==> flow/design.v <==
module u_adder_p #(
  parameter DW = 10
) (
  input  core_clk,
  input  clr,
  input  [DW-1:0] in_da,
  input  [DW-1:0] in_db,
  input  in_cin,
  output [DW-1:0] out_s,
  output out_co
);
  wire [DW-1:0] nxt;
  wire [DW:0] carry;
  assign carry[0] = in_cin;
  genvar g;
  generate
    for (g = 0; g < DW; g = g + 1) begin : slice
      assign nxt[g] = in_da[g] ^ in_db[g] ^ carry[g];
      assign carry[g+1] = (in_da[g] & in_db[g]) | (carry[g] & (in_da[g] ^ in_db[g]));
    end
  endgenerate
  reg [DW-1:0] s_reg;
  always @(posedge core_clk or posedge clr) begin
    if (clr) begin
      s_reg <= 0;
    end else begin
      s_reg <= nxt;
    end
  end
  assign out_s = s_reg;
  reg co_reg;
  always @(posedge core_clk or posedge clr) begin
    if (clr) begin
      co_reg <= 1'b0;
    end else begin
      co_reg <= carry[DW];
    end
  end
  assign out_co = co_reg;
endmodule
# ---- Reports on u_adder_p
# Tool output for the members of one design family, told apart by "DW", in the order of the flow.
# The RTL above is that of DW=10; lines are counted from 1 in the file of the member named.
# Operators carry their Yosys type and port widths (W data, S select, Z words).
# Library cell names are shortened.
# Not given: n/a
dict set report design {
  design {u_adder_p}
  clk_port {core_clk}
  lib {sky130hd}
  pvt_corner {tt_025C_1v80}
}

# ---- Source of the members
# New or changed lines of each further member against the RTL above, in its own file; lines it lacks are not shown.
# DW line
set changed_lines {}
lappend changed_lines {14 2} ;# parameter DW = 14
lappend changed_lines {24 2} ;# parameter DW = 24
lappend changed_lines {32 2} ;# parameter DW = 32

# ---- Word-level counts
# Source: Yosys, flattened and elaborated, memories not mapped. Widths are those after wreduce; folded enables and synchronous resets count as part of the registers. Registers that Yosys merges into a memory's read port (data or address) are not register bits. Print and check cells do not count. Equal cells are merged and count once.
# DW register_bits output_inout_bits inputBits elab_cells
set word_totals {}
lappend word_totals {10 11 11 23 52}
lappend word_totals {14 15 15 31 72}
lappend word_totals {24 25 25 51 122}
lappend word_totals {32 33 33 67 162}
# DW n_logic
set classes {}
lappend classes {10 50}
lappend classes {14 70}
lappend classes {24 120}
lappend classes {32 160}
# DW operators
set ops {}
lappend ops {10 {20 x $and A1 B1 Y1; 20 x $xor A1 B1 Y1; 10 x $or A1 B1 Y1}}
lappend ops {14 {28 x $and A1 B1 Y1; 28 x $xor A1 B1 Y1; 14 x $or A1 B1 Y1}}
lappend ops {24 {48 x $and A1 B1 Y1; 48 x $xor A1 B1 Y1; 24 x $or A1 B1 Y1}}
lappend ops {32 {64 x $and A1 B1 Y1; 64 x $xor A1 B1 Y1; 32 x $or A1 B1 Y1}}

# ---- Longest topological paths
# Yosys ltp: most cells in a row. Word level: on the elaborated netlist, between registers, memories and ports. Mapped: between sequential cells and ports; inverters and the memories' decode and read muxes count.
# DW depth_word ABC_AREA ltp_mapped mapped_depth_nobuf
set depth {}
lappend depth {10 21 0 14 14}
lappend depth {14 29 0 18 18}
lappend depth {24 49 0 28 28}
lappend depth {32 65 0 36 36}

# ---- Synthesis result
# Source: synth_stat.txt of the flow (Yosys; design flattened, memories mapped). It holds for the ABC_AREA given above (unset counts as 0); a run with the other value may have another netlist.
# Totals and module areas in this step are rounded.
# DW flip_flops buffers area_um2 cells
set synth_totals {}
lappend synth_totals {10 11 0 517 32}
lappend synth_totals {14 15 0 697 40}
lappend synth_totals {24 25 0 1150 60}
lappend synth_totals {32 33 0 1510 76}
# DW type_list
set by_type {}
lappend by_type {10 {11 x dfrtp_1; 10 x fa_1; 11 x inv_1}}
lappend by_type {14 {15 x dfrtp_1; 14 x fa_1; 11 x inv_1}}
lappend by_type {24 {25 x dfrtp_1; 24 x fa_1; 11 x inv_1}}
lappend by_type {32 {33 x dfrtp_1; 32 x fa_1; 11 x inv_1}}

# ---- Timing after synthesis
# Source: OpenSTA report_checks on the synthesized netlist (no wires, ideal clock, input and output delay 20% of the period each), path of least setup slack; recovery checks are left aside. Register names are those of the netlist, which keeps one name where synthesis merged equal registers.
# DW path_kind from to path_stages setup_slack_ns tclk_ns path_delay_ns synth_period_reached_ns
set synth_timing {}
lappend synth_timing {10 {input to register} {input in_da[0]} {register s_reg[9]} 14 0.960 6.01 3.848 5.05}
lappend synth_timing {14 {input to register} {input in_da[0]} {register s_reg[13]} 18 1.345 8.39 5.367 7.045}
lappend synth_timing {24 {input to register} {input in_da[0]} {register s_reg[23]} 28 2.275 14.3 9.165 12.025}
lappend synth_timing {32 {input to register} {input in_da[0]} {register s_reg[31]} 36 3.077 19.1 12.203 16.023}
# "path_delay_ns" is the arrival time less input delay plus setup time.
# "path_stages": output pins that drive a net of the path, with the launching flip-flop's if there is one; two outputs of one cell count as two.
# "synth_period_reached_ns" = period - worst setup slack (recovery checks aside). The figure is calculated, with input and output delays left at 20% of the set period.
# The rows between start and end are the longest chain of elaborated cells between them; the timing report does not say that the signal goes this way. Where chains are equally long, one stands for them.
# Each line given opens the expression or statement behind the cell; cells for indexed reads and writes are added by Yosys, which also makes memories of some case tables.
dict set report synth_between_DW_10 {
  elab_chain_len 20
}
# item line
set synth_rtl_DW_10 {}
lappend synth_rtl_DW_10 {{start, declared} 6} ;# input  [DW-1:0] in_da,
lappend synth_rtl_DW_10 {{$xor A1 B1 Y1} 19} ;# assign carry[g+1] = (in_da[g] & in_db[g]) | (carry[g] & (in_da[g] ^ in_db[g]));
lappend synth_rtl_DW_10 {{$and A1 B1 Y1} 19}
lappend synth_rtl_DW_10 {{$or A1 B1 Y1} 19}
lappend synth_rtl_DW_10 {{$and A1 B1 Y1} 19}
lappend synth_rtl_DW_10 {{$or A1 B1 Y1} 19}
lappend synth_rtl_DW_10 {{$and A1 B1 Y1} 19}
lappend synth_rtl_DW_10 {{$or A1 B1 Y1} 19}
lappend synth_rtl_DW_10 {{(+6 left out)} n/a}
lappend synth_rtl_DW_10 {{$and A1 B1 Y1} 19}
lappend synth_rtl_DW_10 {{$or A1 B1 Y1} 19}
lappend synth_rtl_DW_10 {{$and A1 B1 Y1} 19}
lappend synth_rtl_DW_10 {{$or A1 B1 Y1} 19}
lappend synth_rtl_DW_10 {{$and A1 B1 Y1} 19}
lappend synth_rtl_DW_10 {{$or A1 B1 Y1} 19}
lappend synth_rtl_DW_10 {{$xor A1 B1 Y1} 18} ;# assign nxt[g] = in_da[g] ^ in_db[g] ^ carry[g];
lappend synth_rtl_DW_10 {{end, assigned} 25} ;# s_reg <= 0;
lappend synth_rtl_DW_10 {{end, assigned} 27} ;# s_reg <= nxt;
lappend synth_rtl_DW_10 {{end, declared} 22} ;# reg [DW-1:0] s_reg;
dict set report synth_between_DW_32 {
  elab_chain_len 64
}
# item line
set synth_rtl_DW_32 {}
lappend synth_rtl_DW_32 {{start, declared} 6} ;# input  [DW-1:0] in_da,
lappend synth_rtl_DW_32 {{$xor A1 B1 Y1} 19} ;# assign carry[g+1] = (in_da[g] & in_db[g]) | (carry[g] & (in_da[g] ^ in_db[g]));
lappend synth_rtl_DW_32 {{$and A1 B1 Y1} 19}
lappend synth_rtl_DW_32 {{$or A1 B1 Y1} 19}
lappend synth_rtl_DW_32 {{$and A1 B1 Y1} 19}
lappend synth_rtl_DW_32 {{$or A1 B1 Y1} 19}
lappend synth_rtl_DW_32 {{$and A1 B1 Y1} 19}
lappend synth_rtl_DW_32 {{$or A1 B1 Y1} 19}
lappend synth_rtl_DW_32 {{(+50 left out)} n/a}
lappend synth_rtl_DW_32 {{$and A1 B1 Y1} 19}
lappend synth_rtl_DW_32 {{$or A1 B1 Y1} 19}
lappend synth_rtl_DW_32 {{$and A1 B1 Y1} 19}
lappend synth_rtl_DW_32 {{$or A1 B1 Y1} 19}
lappend synth_rtl_DW_32 {{$and A1 B1 Y1} 19}
lappend synth_rtl_DW_32 {{$or A1 B1 Y1} 19}
lappend synth_rtl_DW_32 {{$xor A1 B1 Y1} 18} ;# assign nxt[g] = in_da[g] ^ in_db[g] ^ carry[g];
lappend synth_rtl_DW_32 {{end, assigned} 25} ;# s_reg <= 0;
lappend synth_rtl_DW_32 {{end, assigned} 27} ;# s_reg <= nxt;
lappend synth_rtl_DW_32 {{end, declared} 22} ;# reg [DW-1:0] s_reg;

# ---- Timing after layout
# Path of least setup slack in the final report of the run of each member (OpenROAD, finished layout, wires in). Where an end is a register, its clock arrival counts in the times.
# DW path_kind from to path_stages tclk_ns setup_slack_ns n_path_buf arrival_ns
set layout_timing {}
lappend layout_timing {10 {input to register} {input in_da[0]} {register s_reg[9]} 15 6.01 0.68 1 5.54}
lappend layout_timing {14 {input to register} {input in_da[0]} {register s_reg[13]} 19 8.39 0.96 1 7.65}
lappend layout_timing {24 {input to register} {input in_da[0]} {register s_reg[23]} 29 14.3 1.87 1 12.69}
lappend layout_timing {32 {input to register} {input in_da[0]} {register s_reg[31]} 37 19.1 2.42 1 16.90}

# ---- Flow runs
# One run of the flow (Yosys, OpenROAD) for each member, with settings and measured results. Input and output delays are each 20% of the period that was set; the output load is 0.01 pF.
dict set report settings {
  CAP_MARGIN 20
  CORE_MARGIN 2
  CORE_UTILIZATION 40
  SLEW_MARGIN 20
}
# DW period_ns
set settings_by_member {}
lappend settings_by_member {10 6.01}
lappend settings_by_member {14 8.39}
lappend settings_by_member {24 14.3}
lappend settings_by_member {32 19.1}
# DW final_stdcell_area_um2 final_power_uw die_area_um2 setup_worst_slack_ns yosys.chip_area_um2 achievedPeriod_ns finish.utilization_pct
set measured {}
lappend measured {10 891 209 1600 0.681 517 5.329 77.1}
lappend measured {14 1200 196 2090 0.959 697 7.431 70.8}
lappend measured {24 1980 185 3310 1.87 1150 12.433 72.4}
lappend measured {32 2650 203 4280 2.42 1510 16.681 72.9}
# "achievedPeriod_ns" = clock period - worst setup slack. The figure is calculated, with input and output delays left at 20% of the set period.
# By "final_power_uw" is meant OpenSTA's value without simulated activity: inputs other than the clock are taken to toggle once in ten clock periods, and the tool carries that through the logic.
# Results are given in rounded form.
